==> flow/design.v <==
module cmp_unit_p #(
   parameter W = 7
) (
   input wire clk,
   input wire adv,
   input wire [W-1:0] a,
   input wire [W-1:0] b,
   output reg a_gt_b,
   output reg lt
);
   reg [W-1:0] a_d1;
   reg [W-1:0] b_d1;
   always @(posedge clk) begin
      if (adv) begin
         a_d1 <= a;
         b_d1 <= b;
      end
   end
   reg g;
   reg l;
   integer k;
   always @(*) begin
      g = 1'b0;
      l = 1'b0;
      for (k = W-1; k >= 0; k = k - 1) begin
         if (!g && !l) begin
            g = a_d1[k] & ~b_d1[k];
            l = ~a_d1[k] & b_d1[k];
         end
      end
   end
   always @(posedge clk) begin
      if (adv) begin
         a_gt_b <= g;
         lt <= l;
      end
   end
endmodule
### Reports on cmp_unit_p

Tool output for the members of one design family, told apart by "W", in the order of the flow.
The RTL above is that of W 7; lines are counted from 1 in the file of the member named.
Cell names lack the library's common part.
A cell with - has no value.

* design top: cmp_unit_p
* clock port: clk
* library: sky130hd
* library corner: tt_025C_1v80

### Members of the sweep

Lines of each other member's file that are new or changed against the file above; lines that a member lacks are not shown.

New or changed lines
* W 40: line 2 `parameter W = 40`
* W 48: line 2 `parameter W = 48`
* W 72: line 2 `parameter W = 72`
* W 80: line 2 `parameter W = 80`
* W 128: line 2 `parameter W = 128`

### Word level

Counts by Yosys on the flattened word-level netlist (proc, flatten, opt, wreduce; memories kept). Register bits leave out memories and registers merged into their read ports (data or address); mux counts leave out enables and synchronous resets folded into registers. Print and check cells are left out. Cells with the same type and inputs are merged into one.

Bit counts
* W 7: register bits after elaboration 16, bits in latches 0, bits in writable memories 0, ROM bits 0, clocked read ports x word width 0, memory cells 0, input port bits 16
* W 40: register bits after elaboration 82, bits in latches 0, bits in writable memories 0, ROM bits 0, clocked read ports x word width 0, memory cells 0, input port bits 82
* W 48: register bits after elaboration 98, bits in latches 0, bits in writable memories 0, ROM bits 0, clocked read ports x word width 0, memory cells 0, input port bits 98
* W 72: register bits after elaboration 146, bits in latches 0, bits in writable memories 0, ROM bits 0, clocked read ports x word width 0, memory cells 0, input port bits 146
* W 80: register bits after elaboration 162, bits in latches 0, bits in writable memories 0, ROM bits 0, clocked read ports x word width 0, memory cells 0, input port bits 162
* W 128: register bits after elaboration 258, bits in latches 0, bits in writable memories 0, ROM bits 0, clocked read ports x word width 0, memory cells 0, input port bits 258

Cells by class
* W 7: $add $sub $neg 0, multipliers 0, divide/modulo/power cells 0, $lt $le $gt $ge 0, equal/unequal tests 0, shift operators 0, multiplexer cells 12, bitwise operators 28, reductions and logical operators 18
* W 40: $add $sub $neg 0, multipliers 0, divide/modulo/power cells 0, $lt $le $gt $ge 0, equal/unequal tests 0, shift operators 0, multiplexer cells 78, bitwise operators 160, reductions and logical operators 117
* W 48: $add $sub $neg 0, multipliers 0, divide/modulo/power cells 0, $lt $le $gt $ge 0, equal/unequal tests 0, shift operators 0, multiplexer cells 94, bitwise operators 192, reductions and logical operators 141
* W 72: $add $sub $neg 0, multipliers 0, divide/modulo/power cells 0, $lt $le $gt $ge 0, equal/unequal tests 0, shift operators 0, multiplexer cells 142, bitwise operators 288, reductions and logical operators 213
* W 80: $add $sub $neg 0, multipliers 0, divide/modulo/power cells 0, $lt $le $gt $ge 0, equal/unequal tests 0, shift operators 0, multiplexer cells 158, bitwise operators 320, reductions and logical operators 237
* W 128: $add $sub $neg 0, multipliers 0, divide/modulo/power cells 0, $lt $le $gt $ge 0, equal/unequal tests 0, shift operators 0, multiplexer cells 254, bitwise operators 512, reductions and logical operators 381

Operators with widths (kinds with counts)
* W 7: bitwise AND 1 bit: 14; NOT 1 bit: 14; logical NOT 1 bit: 12; two-way mux 1 bit: 12; logical AND 1 bit: 6
* W 40: bitwise AND 1 bit: 80; NOT 1 bit: 80; logical NOT 1 bit: 78; two-way mux 1 bit: 78; logical AND 1 bit: 39
* W 48: bitwise AND 1 bit: 96; NOT 1 bit: 96; logical NOT 1 bit: 94; two-way mux 1 bit: 94; logical AND 1 bit: 47
* W 72: bitwise AND 1 bit: 144; NOT 1 bit: 144; logical NOT 1 bit: 142; two-way mux 1 bit: 142; logical AND 1 bit: 71
* W 80: bitwise AND 1 bit: 160; NOT 1 bit: 160; logical NOT 1 bit: 158; two-way mux 1 bit: 158; logical AND 1 bit: 79
* W 128: bitwise AND 1 bit: 256; NOT 1 bit: 256; logical NOT 1 bit: 254; two-way mux 1 bit: 254; logical AND 1 bit: 127

### Depth

Depth = most cells in a row (Yosys ltp): at word level without a register or memory, in the mapped netlist without a sequential cell, where the memories' decode and read muxes count.

Logic depth
* W 7: word-level depth 20, ABC_AREA 0, depth in mapped cells 6, gate-level depth less buffers 6
* W 40: word-level depth 119, ABC_AREA 0, depth in mapped cells 8, gate-level depth less buffers 8
* W 48: word-level depth 143, ABC_AREA 0, depth in mapped cells 9, gate-level depth less buffers 9
* W 72: word-level depth 215, ABC_AREA 0, depth in mapped cells 9, gate-level depth less buffers 9
* W 80: word-level depth 239, ABC_AREA 0, depth in mapped cells 10, gate-level depth less buffers 10
* W 128: word-level depth 383, ABC_AREA 0, depth in mapped cells 10, gate-level depth less buffers 10

### Netlist

Source: synth_stat.txt of the flow (Yosys; design flattened, memories mapped). It holds for the ABC_AREA given above (unset counts as 0); a run with the other value may have another netlist.
Totals and module areas in this step are rounded.

Mapped netlist
* W 7: mapped cells 46, mapped area 693.2 sq um, flip-flop cells 16, buffer cells 0
* W 40: mapped cells 246, mapped area 3542 sq um, flip-flop cells 82, buffer cells 0
* W 48: mapped cells 291, mapped area 4239 sq um, flip-flop cells 98, buffer cells 0
* W 72: mapped cells 416, mapped area 6276 sq um, flip-flop cells 146, buffer cells 0
* W 80: mapped cells 463, mapped area 6925 sq um, flip-flop cells 162, buffer cells 0
* W 128: mapped cells 740, mapped area 11000 sq um, flip-flop cells 258, buffer cells 0

Cell types (type and count)
* W 7: edfxtp_1: 16; ha_1: 2; nor2b_1: 4; inv_1: 5; o221ai_2: 1; nand2b_1: 2; maj3_2: 1; a21oi_1: 2; a311o_1: 1; maj3_1: 1; mux2i_1: 1; nor3_1: 2; o311ai_0: 1; a211oi_1: 1; nand3b_1: 1; nor3b_1: 1; o21bai_1: 1; or2b_1: 1; [+2]
* W 40: edfxtp_1: 82; maj3_1: 25; nand2b_1: 23; nor2b_1: 20; inv_1: 24; maj3_2: 7; o21ai_0: 9; nand2_1: 11; a21oi_1: 6; ha_1: 2; o21ai_1: 5; o21bai_1: 3; nand3_1: 4; o211a_1: 2; nor2_1: 4; o211ai_1: 2; o31ai_1: 2; a21boi_2: 1; [+14]
* W 48: edfxtp_1: 98; maj3_1: 36; nor2b_1: 21; inv_1: 32; nand2b_1: 18; a21oi_1: 14; maj3_2: 6; o21ai_0: 12; a21o_1: 4; o21bai_1: 4; nand2_1: 7; ha_1: 2; o211ai_1: 3; a21bo_2: 2; nor2_1: 5; a21boi_0: 2; a221oi_2: 1; nand3_1: 3; [+21]
* W 72: edfxtp_1: 146; maj3_1: 60; nand2b_1: 30; nor2b_1: 28; inv_1: 41; maj3_2: 8; o21ai_0: 14; a21oi_1: 12; o21ai_1: 7; nor2_1: 8; o211ai_1: 4; and2b_2: 3; or2b_2: 3; ha_1: 2; o31ai_1: 3; a31oi_1: 3; a2111oi_0: 2; a211o_1: 2; [+40]
* W 80: edfxtp_1: 162; maj3_1: 66; nor2b_1: 37; nand2b_1: 35; inv_1: 49; maj3_2: 11; a21oi_1: 23; o21ai_0: 15; o21a_1: 6; nor2_1: 8; nand2_1: 7; ha_1: 2; a21o_1: 3; o21bai_1: 3; a2111oi_0: 2; o2111ai_1: 2; a21boi_0: 2; a221oi_2: 1; [+29]
* W 128: edfxtp_1: 258; maj3_1: 106; nor2b_1: 65; nand2b_1: 59; inv_1: 73; a21oi_1: 40; maj3_2: 11; o21ai_0: 23; o21ai_1: 15; a21o_1: 7; o21bai_1: 6; nor2_1: 10; o31ai_1: 5; a221oi_1: 4; nand2_1: 7; ha_1: 2; a211oi_1: 3; a21boi_0: 3; [+43]

A list marked [+n] leaves out that many cells.

### Timing after synthesis

Source: OpenSTA report_checks on the synthesized netlist (no wires, ideal clock, input and output delay 20% of the period each), path of least setup slack; recovery checks are left aside. Register names are those of the netlist, which keeps one name where synthesis merged equal registers.

Timing after synthesis
* W 7: path kind register to register, from register a_d1[6], to register lt, clock period 1.89 ns, path slack 0.381 ns, driving pins on the path 6, delay of the path 1.509 ns, synthesis period reached 1.509 ns
* W 40: path kind register to register, from register b_d1[30], to register lt, clock period 2.9 ns, path slack 0.577 ns, driving pins on the path 9, delay of the path 2.323 ns, synthesis period reached 2.323 ns
* W 48: path kind register to register, from register b_d1[22], to register lt, clock period 2.92 ns, path slack 0.587 ns, driving pins on the path 9, delay of the path 2.333 ns, synthesis period reached 2.333 ns
* W 72: path kind register to register, from register a_d1[50], to register a_gt_b, clock period 3.19 ns, path slack 0.642 ns, driving pins on the path 9, delay of the path 2.548 ns, synthesis period reached 2.548 ns
* W 80: path kind register to register, from register b_d1[22], to register lt, clock period 3.19 ns, path slack 0.637 ns, driving pins on the path 10, delay of the path 2.553 ns, synthesis period reached 2.553 ns
* W 128: path kind register to register, from register a_d1[22], to register a_gt_b, clock period 3.16 ns, path slack 0.636 ns, driving pins on the path 10, delay of the path 2.524 ns, synthesis period reached 2.524 ns

"delay of the path" = arrival - input delay + setup time.
"driving pins on the path": output pins that drive a net of the path, with the launching flip-flop's if there is one; two outputs of one cell count as two.
"synthesis period reached" is the clock period less the worst setup slack; recovery checks do not enter. This is arithmetic on one report: input and output delays are still those of the set period (20% each).
The rows between start and end are the longest chain of elaborated cells between them; the timing report does not say that the signal goes this way. Where chains are equally long, one stands for them.
Each line given opens the expression or statement behind the cell; cells for indexed reads and writes are added by Yosys, which also makes memories of some case tables.

On the way, after synthesis, W 7:
* cells in the longest elaborated chain: 20

RTL lines, path after synthesis, W 7
* from (decl): line 11 `reg [W-1:0] a_d1;`
* from (assign): line 15 `a_d1 <= a;`
* NOT 1 bit: line 28 `l = ~a_d1[k] & b_d1[k];`
* bitwise AND 1 bit: line 28
* logical NOT 1 bit: line 26 `if (!g && !l) begin`
* logical AND 1 bit: line 26
* two-way mux 1 bit: line 26
* logical NOT 1 bit: line 26
* logical AND 1 bit: line 26
* [... 6 more ...]
* two-way mux 1 bit: line 26
* logical NOT 1 bit: line 26
* logical AND 1 bit: line 26
* two-way mux 1 bit: line 26
* logical NOT 1 bit: line 26
* logical AND 1 bit: line 26
* two-way mux 1 bit: line 26
* to (assign): line 35 `lt <= l;`
* to (decl): line 9 `output reg lt`

On the way, after synthesis, W 128:
* cells in the longest elaborated chain: 69

RTL lines, path after synthesis, W 128
* from (decl): line 11 `reg [W-1:0] a_d1;`
* from (assign): line 15 `a_d1 <= a;`
* NOT 1 bit: line 28 `l = ~a_d1[k] & b_d1[k];`
* bitwise AND 1 bit: line 28
* two-way mux 1 bit: line 26 `if (!g && !l) begin`
* logical NOT 1 bit: line 26
* logical AND 1 bit: line 26
* two-way mux 1 bit: line 26
* logical NOT 1 bit: line 26
* [... 55 more ...]
* two-way mux 1 bit: line 26
* logical NOT 1 bit: line 26
* logical AND 1 bit: line 26
* two-way mux 1 bit: line 26
* logical NOT 1 bit: line 26
* logical AND 1 bit: line 26
* two-way mux 1 bit: line 26
* to (assign): line 34 `a_gt_b <= g;`
* to (decl): line 8 `output reg a_gt_b,`

### Path in the finished layout

Path of least setup slack in the final report of each member's run (OpenROAD, finished layout, wires in). Where an end is a register, its clock arrival counts in the times.

Timing post-layout
* W 7: path kind register to register, from register b_d1[6], to register lt, clock period 1.89 ns, path slack 0.28 ns, driving pins on the path 5, arrival 1.63 ns
* W 40: path kind register to register, from register b_d1[30], to register lt, clock period 2.9 ns, path slack 0.40 ns, driving pins on the path 9, arrival 2.59 ns
* W 48: path kind register to register, from register a_d1[38], to register a_gt_b, clock period 2.92 ns, path slack 0.36 ns, driving pins on the path 9, arrival 2.66 ns
* W 72: path kind register to register, from register a_d1[38], to register a_gt_b, clock period 3.19 ns, path slack 0.40 ns, driving pins on the path 9, arrival 2.93 ns
* W 80: path kind register to register, from register b_d1[54], to register lt, clock period 3.19 ns, path slack 0.38 ns, driving pins on the path 10, arrival 2.99 ns
* W 128: path kind register to register, from register b_d1[102], to register lt, clock period 3.16 ns, path slack 0.14 ns, driving pins on the path 10, arrival 3.31 ns

### Flow runs

One run of the flow (Yosys, OpenROAD) for each member, with settings and measured results. Input and output delays are each 20% of the period that was set; the output load is 0.01 pF.

* CAP_MARGIN: 20
* CORE_MARGIN: 2
* CORE_UTILIZATION: 40
* SLEW_MARGIN: 20

Settings by member (period_ns)
* W 7: 1.89
* W 40: 2.9
* W 48: 2.92
* W 72: 3.19
* W 80: 3.19
* W 128: 3.16

Results
* W 7: chip area in the Yosys report 693.2 sq um, full die area 2082 sq um, utilization 0.548, setup slack of the critical path 0.276 ns, sum of negative setup slack 0.000 ns, worst hold slack in the final report 0.650 ns, power consumption 728.8 uW
* W 40: chip area in the Yosys report 3542 sq um, full die area 9624 sq um, utilization 0.543, setup slack of the critical path 0.404 ns, sum of negative setup slack 0.000 ns, worst hold slack in the final report 0.765 ns, power consumption 2598 uW
* W 48: chip area in the Yosys report 4239 sq um, full die area 11440 sq um, utilization 0.543, setup slack of the critical path 0.358 ns, sum of negative setup slack 0.000 ns, worst hold slack in the final report 0.731 ns, power consumption 3045 uW
* W 72: chip area in the Yosys report 6276 sq um, full die area 16710 sq um, utilization 0.566, setup slack of the critical path 0.396 ns, sum of negative setup slack 0.000 ns, worst hold slack in the final report 0.710 ns, power consumption 4959 uW
* W 80: chip area in the Yosys report 6925 sq um, full die area 18380 sq um, utilization 0.551, setup slack of the critical path 0.376 ns, sum of negative setup slack 0.000 ns, worst hold slack in the final report 0.747 ns, power consumption 5214 uW
* W 128: chip area in the Yosys report 11000 sq um, full die area 28830 sq um, utilization 0.555, setup slack of the critical path 0.135 ns, sum of negative setup slack 0.000 ns, worst hold slack in the final report 0.572 ns, power consumption 8297 uW

"power consumption" rests on the timing tool's default activity at the inputs, not on a simulated workload.
Values from the reports are rounded here.
